==> flow/design.v <==
module mux_mod #(
  parameter integer DATA_WIDTH = 3,
  parameter integer N_IN = 64,
  parameter integer SW = $clog2(N_IN)
) (
  input wire sys_clk,
  input wire enable,
  input wire [N_IN*DATA_WIDTH-1:0] src,
  input wire [SW-1:0] s,
  output wire [DATA_WIDTH-1:0] o
);
  reg [N_IN*DATA_WIDTH-1:0] r_src;
  reg [SW-1:0] r_s;
  always @(posedge sys_clk) begin
    if (enable) begin
      r_src <= src;
      r_s <= s;
    end
  end
  wire [DATA_WIDTH-1:0] lvl [1:2*N_IN-1];
  genvar k;
  generate
    for (k = 0; k < N_IN; k = k + 1) begin : stage
      assign lvl[N_IN+k] = r_src[k*DATA_WIDTH +: DATA_WIDTH];
    end
    for (k = 1; k < N_IN; k = k + 1) begin : g_bit
      sel2 #(.N(DATA_WIDTH)) el (.a(lvl[2*k]), .b(lvl[2*k+1]), .s(r_s[SW - $clog2(k+1)]), .y(lvl[k]));
    end
  endgenerate
  assign o = lvl[1];
endmodule
module sel2 #(parameter N = 1) (
  input wire [N-1:0] a,
  input wire [N-1:0] b,
  input wire s,
  output wire [N-1:0] y
);
  assign y = s ? b : a;
endmodule
==> Tool chain data of mux_mod <==
Tool output for the design above, in the order of the flow.
Lines are those of the file above, counted from 1.
Cell names lack the library's common part.
{ "design": {"top": "mux_mod", "clock": "sys_clk", "library": "sky130hd", "lib_corner": "tt_025C_1v80"} }

==> Word level <==
Yosys after proc, flatten, opt, wreduce and memory -nomap, before mapping. Enables and synchronous resets that opt folds into registers are not counted as muxes. Print and check cells are not counted. Equal cells are merged and count once.
{ "word_totals": {"register_bits": 198, "in_bits": 200, "out_inout_bits": 3, "wordCells": 65} }
{ "classes": {"n_mux": 63} }
{ "op_table": {"columns": ["operator", "count"], "rows": [
  ["2-to-1 mux 3 bit", 63]
]} }

==> Longest topological paths <==
Yosys ltp: most cells in a row. Word level: on the elaborated netlist, between registers, memories and ports. Mapped: between sequential cells and ports; inverters and the memories' decode and read muxes count.
{ "logic_depth": {"ltp_word": 6, "ABC_AREA": 0, "mapped_depth": 9, "mapped_depth_nobuf": 5} }

==> Mapped cells and area <==
Source: synth_stat.txt of the flow (Yosys; design flattened, memories mapped). It holds for the ABC_AREA given above (unset counts as 0); a run with the other value may have another netlist.
The area totals of this step are shown rounded.
{ "mapped": {"cells": 322, "synth_area_um2": 7570, "ffs": 198} }
{ "types": {"columns": ["cell", "count", "area_total_um2"], "rows": [
  ["edfxtp_1", 198, 5.95E+03],
  ["mux4_2", 37, 833.299],
  ["mux4_1", 10, 262.752],
  ["mux2i_1", 10, 100.096],
  ["nand2b_1", 6, 37.536],
  ["buf_2", 7, 35.034],
  ["o221ai_1", 4, 35.034],
  ["nor2b_1", 5, 31.28],
  ["o22ai_1", 5, 31.28],
  ["a211oi_1", 3, 22.522],
  ["buf_6", 2, 22.522],
  ["a21oi_1", 4, 20.019],
  ["buf_12", 1, 20.019],
  ["nand3_1", 4, 20.019],
  ["o41ai_1", 2, 17.517],
  ["buf_4", 2, 15.014],
  ["nand2_1", 4, 15.014],
  ["o21a_1", 2, 15.014]
]} }
Not listed: further types 13, cells in them 16.
By module: a second synthesis without flattening, with its own total; a netlist apart from the flattened one above.
{ "unflattened": {"cells_unflattened": 387, "hier_area_um2": 8070} }
Rows give one instance, submodules left out.
{ "modules": {"columns": ["mod", "n_inst", "cells", "area_um2"], "rows": [
  ["mux_mod", 1, 198, 5950],
  ["sel2 #(N=3)", 63, 3, 33.8]
]} }

==> Timing after synthesis <==
Source: OpenSTA report_checks on the synthesized netlist (no wires, ideal clock, input and output delay 20% of the period each), path of least setup slack; recovery checks are left aside. Register names are those of the netlist, which keeps one name where synthesis merged equal registers.
{ "synth_timing": {"path_type": "register to output", "from": "reg r_s[0]", "to": "out o[0]", "tclk_ns": 2.77, "output_delay_ns": 0.554, "launch_ns": 0.000, "arrival_ns": 1.775, "t_required_ns": 2.216, "path_slack_ns": 0.441, "delay_ns": 1.775, "path_stages": 7, "period_less_setup_slack_ns": 2.329} }
"delay_ns" = arrival - input delay + setup time.
At an output port there is no setup time.
"path_stages" counts driving pins, that of a launching flip-flop among them; a cell with two outputs on the path counts twice.
"period_less_setup_slack_ns" is the clock period less the worst setup slack; recovery checks do not enter. This is arithmetic on one report: input and output delays are still those of the set period (20% each).
The rows between start and end are the longest chain of elaborated cells between them; the timing report does not say that the signal goes this way. Where chains are equally long, one stands for them.
Each line given opens the expression or statement behind the cell; cells for indexed reads and writes are added by Yosys, which also makes memories of some case tables.
{ "synth_via": {"cell_sequence": "edfxtp_1 -> buf_6 -> buf_12 -> mux4_2 -> mux4_2 -> o21ai_1 -> o41ai_1", "elab_chain_len": 6, "cells_between": 63} }
{ "synth_lines": {"columns": ["element", "line_no", "text"], "rows": [
  ["start: declaration", 13, "reg [SW-1:0] r_s;"],
  ["start: assignment", 17, "r_s <= s;"],
  ["2-to-1 mux 3 bit (6 in a row)", 38, "assign y = s ? b : a;"],
  ["end: declaration", 10, "output wire [DATA_WIDTH-1:0] o"]
]} }

==> Timing after layout <==
Path of least setup slack in the final report of run A (OpenROAD, finished layout, wires in). Where an end is a register, its clock arrival counts in the times.
{ "layout_timing": {"path_type": "register to output", "from": "reg r_s[0]", "to": "out o[2]", "tclk_ns": 2.77, "output_delay_ns": 0.55, "launch_ns": 0.43, "arrival_ns": 2.53, "t_required_ns": 2.22, "path_slack_ns": -0.31, "path_stages": 8} }
The rows between start and end are the longest chain of elaborated cells between them; the timing report does not say that the signal goes this way. Where chains are equally long, one stands for them.
{ "layout_via": {"cell_sequence": "edfxtp_1 -> buf_6 -> buf_12 -> mux4_2 -> mux4_2 -> o21ai_4 -> o41ai_2 -> buf_2", "elab_chain_len": 6, "cells_between": 63} }
{ "layout_lines": {"columns": ["element", "line_no", "text"], "rows": [
  ["start: declaration", 13, "reg [SW-1:0] r_s;"],
  ["start: assignment", 17, "r_s <= s;"],
  ["2-to-1 mux 3 bit (6 in a row)", 38, "assign y = s ? b : a;"],
  ["end: declaration", 10, "output wire [DATA_WIDTH-1:0] o"]
]} }

Subject: flow runs of mux_mod

Hi,

Below are 3 stored runs of the flow (Yosys, OpenROAD; platform sky130hd) on mux_mod, each with its settings and what was measured, unordered. Constraints: input delay and output delay 20% of the set period each, output load 0.01 pF.
"period_less_ws_ns" is the run's clock period less its worst setup slack. It is reckoned from that one timing run; input and output delays stay at 20% of the period that was set.
By "worst_setup_path_time_ns" is meant the share of the clock period that the worst setup path is allowed (20% is reserved at inputs, 20% at outputs), minus its slack. Clock arrival times at its registers enter into it.
"power_total_uw": no workload was simulated; the value follows from the tool's default switching activity.
Values from the reports are rounded here.
[
  {
    "run": "run A",
    "settings": { "period_ns": 2.77, "CAP_MARGIN": 20, "CORE_MARGIN": 2, "CORE_UTILIZATION": 40, "SLEW_MARGIN": 20 },
    "results": { "power_total_uw": 6810, "dieArea_um2": 20000, "tns_ns": -0.782, "finish.stdcell_area_um2": 10800, "synthesis_area_um2": 7570, "period_less_ws_ns": 3.082, "fin_ws_ns": -0.312, "worst_setup_path_time_ns": 2.53, "critical_path_kind": "register to output", "finalUtil_pct": 58.0, "hold_worst_slack_ns": 0.571 }
  },
  {
    "run": "run B",
    "settings": { "period_ns": 2.77, "CORE_UTILIZATION": 24, "SETUP_SLACK_MARGIN": 0.05, "PLACE_DENSITY_LB_ADDON": 0.22, "CORE_MARGIN": 5, "ABC_AREA": 1, "GPL_ROUTABILITY_DRIVEN": 1, "CTS_CLUSTER_SIZE": 30, "SLEW_MARGIN": 15, "CAP_MARGIN": 20 },
    "results": { "power_total_uw": 7450, "dieArea_um2": 36800, "tns_ns": 0.000, "finish.stdcell_area_um2": 12100, "synthesis_area_um2": 7930, "period_less_ws_ns": 2.765, "fin_ws_ns": 0.005, "worst_setup_path_time_ns": 2.21, "critical_path_kind": "register to output", "finalUtil_pct": 37.2, "hold_worst_slack_ns": 0.627 }
  },
  {
    "run": "run C",
    "settings": { "period_ns": 2.31, "CORE_UTILIZATION": 20, "SETUP_SLACK_MARGIN": -0.09, "PLACE_DENSITY_LB_ADDON": 0.1, "CORE_ASPECT_RATIO": 0.56, "CORE_MARGIN": 2, "CELL_PAD_IN_SITES_DETAIL_PLACEMENT": 0, "GPL_ROUTABILITY_DRIVEN": 0, "SLEW_MARGIN": 20, "MAX_ROUTING_LAYER": "met4", "CAP_MARGIN": 20 },
    "results": { "power_total_uw": 8190, "dieArea_um2": 39500, "tns_ns": -2.10, "finish.stdcell_area_um2": 11200, "synthesis_area_um2": 7570, "period_less_ws_ns": 3.104, "fin_ws_ns": -0.794, "worst_setup_path_time_ns": 2.64, "critical_path_kind": "register to output", "finalUtil_pct": 30.0, "hold_worst_slack_ns": 0.576 }
  }
]

Regards
